==> flow/design.v <==
module sync_add_rtl #(
    parameter integer DATA_WIDTH = 36
) (
    input  CLK,
    input  [DATA_WIDTH-1:0] in_opa,
    input  [DATA_WIDTH-1:0] in_opb,
    input  in_carry_in,
    output reg [DATA_WIDTH-1:0] out_result,
    output reg out_co
);
    reg [DATA_WIDTH-1:0] cur;
    reg cy;
    integer idx;
    always @(*) begin
        cy = in_carry_in;
        for (idx = 0; idx < DATA_WIDTH; idx = idx + 1) begin
            cur[idx] = in_opa[idx] ^ in_opb[idx] ^ cy;
            cy = (in_opa[idx] & in_opb[idx]) | (cy & (in_opa[idx] | in_opb[idx]));
        end
    end
    always @(posedge CLK) begin
        out_result <= cur;
        out_co <= cy;
    end
endmodule
# Reports on sync_add_rtl
# The steps from the RTL of sync_add_rtl to its reports follow in flow order.
# Lines are those of the file above, counted from 1.
# The mark - stands for no value.
dict set report design {
  top {sync_add_rtl}
  clk_port {CLK}
  cell_library {sky130hd}
  lib_corner {tt_025C_1v80}
}

# After elaboration
# Counts by Yosys on the flattened word-level netlist (proc, flatten, opt, wreduce; memories kept). Register bits leave out memories and registers merged into their read ports (data or address); mux counts leave out enables and synchronous resets folded into registers. Print and check cells are left out. Cells with the same type and inputs are merged into one.
dict set report op_classes {
  n_logic 216
}
# cell count
set op_table {}
lappend op_table {{bitwise AND 1 bit} 72}
lappend op_table {{OR 1 bit} 72}
lappend op_table {{bitwise XOR 1 bit} 72}
dict set report word_totals {
  out_inout_bits 37
  word_cells 218
  register_bits 37
  input_bits 74
}

# Depth
# Yosys ltp: most cells in a row. Word level: on the elaborated netlist, between registers, memories and ports. Mapped: between sequential cells and ports; inverters and the memories' decode and read muxes count.
dict set report logic_depth {
  word_depth 73
  abc_area 0
  depth_mapped 40
  ltp_nobuf 40
}

# After synthesis
# The flow's flattened synthesis, as Yosys stat reports it; memories are mapped. The netlist is that of the ABC_AREA named above (0 if unset); the other value can give another one.
dict set report mapped {
  stdcells 83
  buf_cells 0
  seq_area_um2 740.7
  ff_cells 37
  synth_area_um2 1498.9
}
# type count area_total_um2
set by_type {}
lappend by_type {sky130_fd_sc_hd__dfxtp_1 37 740.71}
lappend by_type {sky130_fd_sc_hd__fa_1 36 720.691}
lappend by_type {sky130_fd_sc_hd__inv_1 10 37.536}

# Path before layout
# Path of least setup slack by OpenSTA after synthesis, without wires, with an ideal clock, recovery checks aside; 20% of the period is set as input and as output delay. Where synthesis merged equal registers, the netlist keeps one of their names.
dict set report synth_timing {
  kind {input-to-reg}
  startpoint {in in_opa[0]}
  endpoint {reg out_result[35]}
  stages 40
  launch_ns 4.280
  setup_ns 0.057
  input_delay_ns 4.280
  clock_period_ns 21.4
  n_path_buf 0
  arrival_time_ns 17.935
  delay_ns 13.712
  required_ns 21.343
  setup_slack_ns 3.407
  period_less_setup_slack_ns 17.993
}
# "delay_ns" = arrival - input delay + setup time.
# "stages" counts driving pins, that of a launching flip-flop among them; a cell with two outputs on the path counts twice.
# "period_less_setup_slack_ns" = period - worst setup slack (recovery checks aside). The figure is calculated, with input and output delays left at 20% of the set period.
# Between the ends stands the longest chain of elaborated cells between them, by number of cells; it is not shown to be the way that was timed. Of several equally long chains one is given.
# A line is the first line of the expression or statement that the cell stems from. Yosys adds cells for indexed reads and writes and turns some case tables into memories.
dict set report synth_between {
  path_cell_list {sky130_fd_sc_hd__fa_1 sky130_fd_sc_hd__fa_1 sky130_fd_sc_hd__fa_1 sky130_fd_sc_hd__fa_1 sky130_fd_sc_hd__fa_1 sky130_fd_sc_hd__fa_1 sky130_fd_sc_hd__fa_1 sky130_fd_sc_hd__fa_1 sky130_fd_sc_hd__fa_1 sky130_fd_sc_hd__fa_1 sky130_fd_sc_hd__fa_1 sky130_fd_sc_hd__fa_1 sky130_fd_sc_hd__fa_1 sky130_fd_sc_hd__fa_1 sky130_fd_sc_hd__fa_1 sky130_fd_sc_hd__fa_1 sky130_fd_sc_hd__fa_1 sky130_fd_sc_hd__fa_1 [... 4 more ...] sky130_fd_sc_hd__fa_1 sky130_fd_sc_hd__fa_1 sky130_fd_sc_hd__fa_1 sky130_fd_sc_hd__fa_1 sky130_fd_sc_hd__fa_1 sky130_fd_sc_hd__fa_1 sky130_fd_sc_hd__fa_1 sky130_fd_sc_hd__fa_1 sky130_fd_sc_hd__fa_1 sky130_fd_sc_hd__fa_1 sky130_fd_sc_hd__fa_1 sky130_fd_sc_hd__inv_1 sky130_fd_sc_hd__fa_1 sky130_fd_sc_hd__inv_1 sky130_fd_sc_hd__fa_1 sky130_fd_sc_hd__inv_1 sky130_fd_sc_hd__fa_1 sky130_fd_sc_hd__inv_1}
  elab_chain_cells 72
  cells_between 73
  cone_lines 2
  cone_classes {logic (73)}
}
# element line_no
set synth_lines {}
lappend synth_lines {{start, declared} 5} ;# input  [DATA_WIDTH-1:0] in_opa,
lappend synth_lines {{OR 1 bit} 18} ;# cy = (in_opa[idx] & in_opb[idx]) | (cy & (in_opa[idx] | in_opb[idx]));
lappend synth_lines {{bitwise AND 1 bit} 18}
lappend synth_lines {{OR 1 bit} 18}
lappend synth_lines {{bitwise AND 1 bit} 18}
lappend synth_lines {{OR 1 bit} 18}
lappend synth_lines {{bitwise AND 1 bit} 18}
lappend synth_lines {{OR 1 bit} 18}
lappend synth_lines {{[... 58 more ...]} -}
lappend synth_lines {{bitwise AND 1 bit} 18}
lappend synth_lines {{OR 1 bit} 18}
lappend synth_lines {{bitwise AND 1 bit} 18}
lappend synth_lines {{OR 1 bit} 18}
lappend synth_lines {{bitwise AND 1 bit} 18}
lappend synth_lines {{OR 1 bit} 18}
lappend synth_lines {{bitwise XOR 1 bit} 17} ;# cur[idx] = in_opa[idx] ^ in_opb[idx] ^ cy;
lappend synth_lines {{end, assigned} 22} ;# out_result <= cur;
lappend synth_lines {{end, declared} 8} ;# output reg [DATA_WIDTH-1:0] out_result,

# Worst path after layout
# From the final timing report of flow run A: the path of least setup slack in the routed layout; clock arrival at registers is part of the times.
dict set report layout_timing {
  kind {input-to-reg}
  startpoint {in in_opa[0]}
  endpoint {reg out_result[35]}
  required_ns 21.63
  launch_ns 4.28
  setup_ns 0.05
  n_path_buf 1
  input_delay_ns 4.28
  clock_period_ns 21.4
  arrival_time_ns 18.99
  setup_slack_ns 2.64
  stages 41
}
# Between the ends stands the longest chain of elaborated cells between them, by number of cells; it is not shown to be the way that was timed. Of several equally long chains one is given.
dict set report layout_between {
  path_cell_list {sky130_fd_sc_hd__clkdlybuf4s50_1 sky130_fd_sc_hd__fa_1 sky130_fd_sc_hd__fa_1 sky130_fd_sc_hd__fa_1 sky130_fd_sc_hd__fa_1 sky130_fd_sc_hd__fa_1 sky130_fd_sc_hd__fa_1 sky130_fd_sc_hd__fa_1 sky130_fd_sc_hd__fa_1 sky130_fd_sc_hd__fa_1 sky130_fd_sc_hd__fa_1 sky130_fd_sc_hd__fa_1 sky130_fd_sc_hd__fa_1 sky130_fd_sc_hd__fa_1 sky130_fd_sc_hd__fa_1 sky130_fd_sc_hd__fa_1 sky130_fd_sc_hd__fa_1 sky130_fd_sc_hd__fa_1 [... 5 more ...] sky130_fd_sc_hd__fa_1 sky130_fd_sc_hd__fa_1 sky130_fd_sc_hd__fa_1 sky130_fd_sc_hd__fa_1 sky130_fd_sc_hd__fa_1 sky130_fd_sc_hd__fa_1 sky130_fd_sc_hd__fa_1 sky130_fd_sc_hd__fa_1 sky130_fd_sc_hd__fa_1 sky130_fd_sc_hd__fa_1 sky130_fd_sc_hd__fa_1 sky130_fd_sc_hd__inv_1 sky130_fd_sc_hd__fa_1 sky130_fd_sc_hd__inv_1 sky130_fd_sc_hd__fa_1 sky130_fd_sc_hd__inv_1 sky130_fd_sc_hd__fa_1 sky130_fd_sc_hd__inv_1}
  elab_chain_cells 72
  cells_between 73
  cone_lines 2
  cone_classes {logic (73)}
}
# element line_no
set layout_lines {}
lappend layout_lines {{start, declared} 5} ;# input  [DATA_WIDTH-1:0] in_opa,
lappend layout_lines {{OR 1 bit} 18} ;# cy = (in_opa[idx] & in_opb[idx]) | (cy & (in_opa[idx] | in_opb[idx]));
lappend layout_lines {{bitwise AND 1 bit} 18}
lappend layout_lines {{OR 1 bit} 18}
lappend layout_lines {{bitwise AND 1 bit} 18}
lappend layout_lines {{OR 1 bit} 18}
lappend layout_lines {{bitwise AND 1 bit} 18}
lappend layout_lines {{OR 1 bit} 18}
lappend layout_lines {{[... 58 more ...]} -}
lappend layout_lines {{bitwise AND 1 bit} 18}
lappend layout_lines {{OR 1 bit} 18}
lappend layout_lines {{bitwise AND 1 bit} 18}
lappend layout_lines {{OR 1 bit} 18}
lappend layout_lines {{bitwise AND 1 bit} 18}
lappend layout_lines {{OR 1 bit} 18}
lappend layout_lines {{bitwise XOR 1 bit} 17} ;# cur[idx] = in_opa[idx] ^ in_opb[idx] ^ cy;
lappend layout_lines {{end, assigned} 22} ;# out_result <= cur;
lappend layout_lines {{end, declared} 8} ;# output reg [DATA_WIDTH-1:0] out_result,

# Flow measurements of sync_add_rtl on sky130hd: 3 stored runs with different settings, listed in no order. Input and output delays are each 20% of the period that was set; the output load is 0.01 pF.
# By "achieved_clock_period_ns" is meant the clock period of the run minus its worst setup slack. This is arithmetic on one report: input and output delays are still those of the set period (20% each).
# "worst_setup_path_time_ns" means the part of the period allowed to the worst setup path (the constraints hold back 20% at inputs and 20% at outputs) less its slack; where the path has registers, the arrival times of their clocks count too.
# By "totalPower_mw" is meant OpenSTA's value without simulated activity: inputs other than the clock are taken to toggle once in ten clock periods, and the tool carries that through the logic.
run="flow run A" settings period_ns=21.4 CAP_MARGIN=20 CORE_MARGIN=2 CORE_UTILIZATION=40 SLEW_MARGIN=20
run="flow run A" results worst_setup_slack_ns=2.644 layout_utilization_frac=0.76 worst_setup_path_time_ns=14.48 timing.worst_path_kind="input-to-reg" fin_hold_ws_ns=4.654 design_die_area_um2=4253.0 ys_area_um2=1498.9 totalPower_mw=0.2046 final_setup_tns_ns=0.000 final_cell_area_um2=2761.4 achieved_clock_period_ns=18.756
run="flow run B" settings period_ns=21.6 CORE_UTILIZATION=30 SETUP_SLACK_MARGIN=4.86 PLACE_DENSITY_LB_ADDON=0.3 CORE_ASPECT_RATIO=0.75 CORE_MARGIN=8 CELL_PAD_IN_SITES_DETAIL_PLACEMENT=1 GPL_ROUTABILITY_DRIVEN=0 CTS_CLUSTER_DIAMETER=119 CAP_MARGIN=20 SLEW_MARGIN=20
run="flow run B" results layout_utilization_frac=0.593 final_cell_area_um2=2872.8 design_die_area_um2=7537.7 final_setup_tns_ns=0.000 fin_hold_ws_ns=4.324 totalPower_mw=0.2174 worst_setup_slack_ns=4.669 ys_area_um2=1498.9 worst_setup_path_time_ns=12.61 timing.worst_path_kind="input-to-reg" achieved_clock_period_ns=16.931
run="flow run C" settings period_ns=11.6 CORE_UTILIZATION=15 PLACE_DENSITY_LB_ADDON=0.23 ABC_AREA=0 GPL_ROUTABILITY_DRIVEN=0 CTS_CLUSTER_SIZE=70 SLEW_MARGIN=20 MIN_ROUTING_LAYER="met1" MAX_ROUTING_LAYER="met5" CAP_MARGIN=20 CORE_MARGIN=2
run="flow run C" results worst_setup_path_time_ns=12.51 timing.worst_path_kind="input-to-reg" ys_area_um2=1498.9 final_cell_area_um2=2921.6 design_die_area_um2=10808.7 achieved_clock_period_ns=14.828 totalPower_mw=0.3679 final_setup_tns_ns=-20.416 layout_utilization_frac=0.3 worst_setup_slack_ns=-3.228 fin_hold_ws_ns=2.344
